==> flow/design.v <==
module cmp_unit_rtl #(
  parameter int DWIDTH = 128
) (
  input logic clock,
  input logic signed [DWIDTH-1:0] i_arg0,
  input logic signed [DWIDTH-1:0] i_arg1,
  output logic o_below,
  output logic o_is_eq,
  output logic o_gt
);
  logic signed [DWIDTH-1:0] arg0_reg;
  always_ff @(posedge clock)
    arg0_reg <= i_arg0;
  logic signed [DWIDTH-1:0] arg1_reg;
  always_ff @(posedge clock)
    arg1_reg <= i_arg1;
  logic below_reg;
  always_ff @(posedge clock)
    below_reg <= (arg0_reg < arg1_reg);
  assign o_below = below_reg;
  logic is_eq_reg;
  always_ff @(posedge clock)
    is_eq_reg <= (arg0_reg == arg1_reg);
  assign o_is_eq = is_eq_reg;
  logic gt_reg;
  always_ff @(posedge clock)
    gt_reg <= (arg0_reg > arg1_reg);
  assign o_gt = gt_reg;
endmodule
Reports on cmp_unit_rtl

Tool output for the design above, in the order of the flow.
Lines are those of the file above, counted from 1.
A cell with n/a has no value.

Design top: cmp_unit_rtl
Clock: clock
Library: sky130hd
Corner: tt_025C_1v80

Elaborated design

Source: Yosys, flattened and elaborated, memories not mapped. Widths are those after wreduce; folded enables and synchronous resets count as part of the registers. Registers that Yosys merges into a memory's read port (data or address) are not register bits. Print and check cells do not count. Equal cells are merged and count once.

Equality and inequality tests: 1
Order comparisons: 2

Operators by type and width:

| operator              | number |
| > comparator 128 bit  | 1 |
| < comparator 128 bit  | 1 |
| equality test 128 bit | 1 |

Word-level cells: 8
Input port bits: 257
Flip-flop bits (word level): 259

Depth

Longest topological path by Yosys (ltp), each cell counted once; first at word level (registers and memories cut), then after technology mapping (sequential cells cut; the memories' decode and read muxes count).

Word-level depth: 1
ABC_AREA: 0
Depth in mapped cells: 10

Synthesis result

The flow's flattened synthesis, as Yosys stat reports it; memories are mapped. The netlist is that of the ABC_AREA named above (0 if unset); the other value can give another one.

Mapped flip-flops: 259
Standard cells after synthesis: 719
Synthesis area: 8,441.8 um^2
Sequential part of the area: 5,185.0 um^2
Buffer cells: 0

Cells by type:

| type                      | number | total area (um^2) |
| sky130_fd_sc_hd__dfxtp_1  | 259    | 5.18E+03 |
| sky130_fd_sc_hd__ha_1     | 128    | 1.6E+03 |
| sky130_fd_sc_hd__inv_1    | 132    | 495.475 |
| sky130_fd_sc_hd__a21oi_1  | 53     | 265.254 |
| sky130_fd_sc_hd__nand4_1  | 27     | 168.912 |
| sky130_fd_sc_hd__nand2_1  | 30     | 112.608 |
| sky130_fd_sc_hd__a21o_1   | 14     | 105.101 |
| sky130_fd_sc_hd__o21ai_0  | 16     | 80.077 |
| sky130_fd_sc_hd__nand3_1  | 12     | 60.058 |
| sky130_fd_sc_hd__a221oi_1 | 4      | 35.034 |
| sky130_fd_sc_hd__nor3_1   | 6      | 30.029 |
| sky130_fd_sc_hd__nor4_1   | 4      | 25.024 |
| sky130_fd_sc_hd__nor4b_4  | 1      | 23.773 |
| sky130_fd_sc_hd__a2111o_1 | 2      | 22.522 |
| sky130_fd_sc_hd__o211ai_1 | 3      | 22.522 |
| sky130_fd_sc_hd__o21a_1   | 3      | 22.522 |
| sky130_fd_sc_hd__a221o_1  | 2      | 20.019 |
| sky130_fd_sc_hd__nor2_1   | 5      | 18.768 |

Other cell types: 16; their cells: 18.

Path before layout

OpenSTA on the mapped netlist: ideal clock, no wires. The path of least setup slack (recovery checks aside). Input and output delay are each 20% of the period. Register names are those of the netlist, which keeps one name where synthesis merged equal registers.

Path kind: register to register
From: register arg1_reg[97]
To: register below_reg
Data arrival time: 2,133 ps
Required time: 2,695 ps
Clock period: 2,810 ps
Launch time at the first pin: 0 ps
Stages on the path: 11
Delay of the path: 2,248 ps
Slack: 562 ps
Synthesis period reached: 2,248 ps

"delay of the path" = arrival - input delay + setup time.
"stages on the path" counts driving pins, that of a launching flip-flop among them; a cell with two outputs on the path counts twice.
"synthesis period reached" = period - worst setup slack (recovery checks aside). The figure is calculated, with input and output delays left at 20% of the set period.
The rows between start and end are the longest chain of elaborated cells between them; the timing report does not say that the signal goes this way. Where chains are equally long, one stands for them.
A line is the first line of the expression or statement that the cell stems from. Yosys adds cells for indexed reads and writes and turns some case tables into memories.

Cell sequence: sky130_fd_sc_hd__dfxtp_1 -> sky130_fd_sc_hd__inv_1 -> sky130_fd_sc_hd__ha_1 -> sky130_fd_sc_hd__a21o_1 -> sky130_fd_sc_hd__a221o_1 -> sky130_fd_sc_hd__a221oi_2 -> sky130_fd_sc_hd__nand4_1 -> sky130_fd_sc_hd__a21oi_1 -> sky130_fd_sc_hd__o22ai_1 -> sky130_fd_sc_hd__or3_1 -> sky130_fd_sc_hd__and2_1
Length of the longest elaborated chain: 1
Elaborated cells between the ends (all ways): 1
Source lines of those cells: 1
Those cells by class: compare: 1

RTL lines, path post-synthesis:

| what                 | RTL line | RTL |
| from (decl)          | 14       | `logic signed [DWIDTH-1:0] arg1_reg;` |
| from (assign)        | 16       | `arg1_reg <= i_arg1;` |
| < comparator 128 bit | 19       | `below_reg <= (arg0_reg < arg1_reg);` |
| to (assign)          | 19       |  |
| to (decl)            | 17       | `logic below_reg;` |

Worst path after layout

From the final timing report of run A: the path of least setup slack in the routed layout; clock arrival at registers is part of the times.
The report prints the path's times to 10 ps; the period is as set.

Path kind: register to register
From: register arg0_reg[97]
To: register below_reg
Data arrival time: 2,890 ps
Stages on the path: 10
Required time: 1,990 ps
Clock period: 1,560 ps
Slack: -900 ps
Launch time at the first pin: 540 ps

The rows between start and end are the longest chain of elaborated cells between them; the timing report does not say that the signal goes this way. Where chains are equally long, one stands for them.

Cell sequence: sky130_fd_sc_hd__dfxtp_1 -> sky130_fd_sc_hd__ha_4 -> sky130_fd_sc_hd__a21o_1 -> sky130_fd_sc_hd__a221o_1 -> sky130_fd_sc_hd__a221oi_4 -> sky130_fd_sc_hd__nand4_1 -> sky130_fd_sc_hd__a21oi_2 -> sky130_fd_sc_hd__o22ai_2 -> sky130_fd_sc_hd__or3_1 -> sky130_fd_sc_hd__and2_1
Length of the longest elaborated chain: 1
Elaborated cells between the ends (all ways): 1
Source lines of those cells: 1
Those cells by class: compare: 1

RTL lines, path after layout:

| what                 | RTL line | RTL |
| from (decl)          | 11       | `logic signed [DWIDTH-1:0] arg0_reg;` |
| from (assign)        | 13       | `arg0_reg <= i_arg0;` |
| < comparator 128 bit | 19       | `below_reg <= (arg0_reg < arg1_reg);` |
| to (assign)          | 19       |  |
| to (decl)            | 17       | `logic below_reg;` |

==> results <==
Design cmp_unit_rtl on sky130hd. What follows are 3 stored runs of the flow, each under its own settings; their order means nothing. The constraints put input and output delay at 20% of the set period each and load the outputs with 0.01 pF.
"achieved clock period" means the clock period less the worst setup slack. The figure is calculated, with input and output delays left at 20% of the set period.
"time on the worst setup path" means the part of the period allowed to the worst setup path (the constraints hold back 20% at inputs and 20% at outputs) less its slack; where the path has registers, the arrival times of their clocks count too.
"total power of the final layout" rests on the timing tool's default activity at the inputs, not on a simulated workload.
"time on the worst setup path" is known to 10 ps.
Settings: - = not set for that run.

| item                                    | run A                | run B                | run C                |
| period_ns                               | 1.56                 | 3.96                 | 2.81                 |
| CORE_UTILIZATION                        | 27                   | 28                   | 40                   |
| PLACE_DENSITY_LB_ADDON                  | 0.26                 | -                    | -                    |
| TNS_END_PERCENT                         | 80                   | 10                   | -                    |
| CAP_MARGIN                              | 20                   | 20                   | 20                   |
| CORE_MARGIN                             | 2                    | 2                    | 2                    |
| SLEW_MARGIN                             | 20                   | 15                   | 20                   |
| SETUP_SLACK_MARGIN                      | -                    | 0.38                 | -                    |
| PLACE_DENSITY                           | -                    | 0.72                 | -                    |
| ABC_AREA                                | -                    | 0                    | -                    |
| CTS_CLUSTER_SIZE                        | -                    | 40                   | -                    |
| CTS_CLUSTER_DIAMETER                    | -                    | 292                  | -                    |
| MAX_ROUTING_LAYER                       | -                    | met4                 | -                    |
| worst hold slack (ps)                   | 209                  | 716                  | 476                  |
| post-layout utilization (%)             | 42.6                 | 39.9                 | 59.0                 |
| area inside the die boundary (um^2)     | 32,695.9             | 31,554.2             | 22,283.0             |
| setup slack of the worst path (ps)      | -905                 | 1,235                | 201                  |
| total power of the final layout (µW)    | 16,381               | 4,654                | 8,316                |
| mapped cell area after synthesis (um^2) | 8,441.8              | 8,441.8              | 8,441.8              |
| time on the worst setup path (ps)       | 2,460                | 2,730                | 2,610                |
| kind of the worst setup path            | register to register | register to register | register to register |
| summed negative setup slack (ps)        | -2,394               | 0                    | 0                    |
| standard-cell area after layout (um^2)  | 13,077.5             | 11,837.6             | 12,331.8             |
| achieved clock period (ps)              | 2,465                | 2,725                | 2,609                |
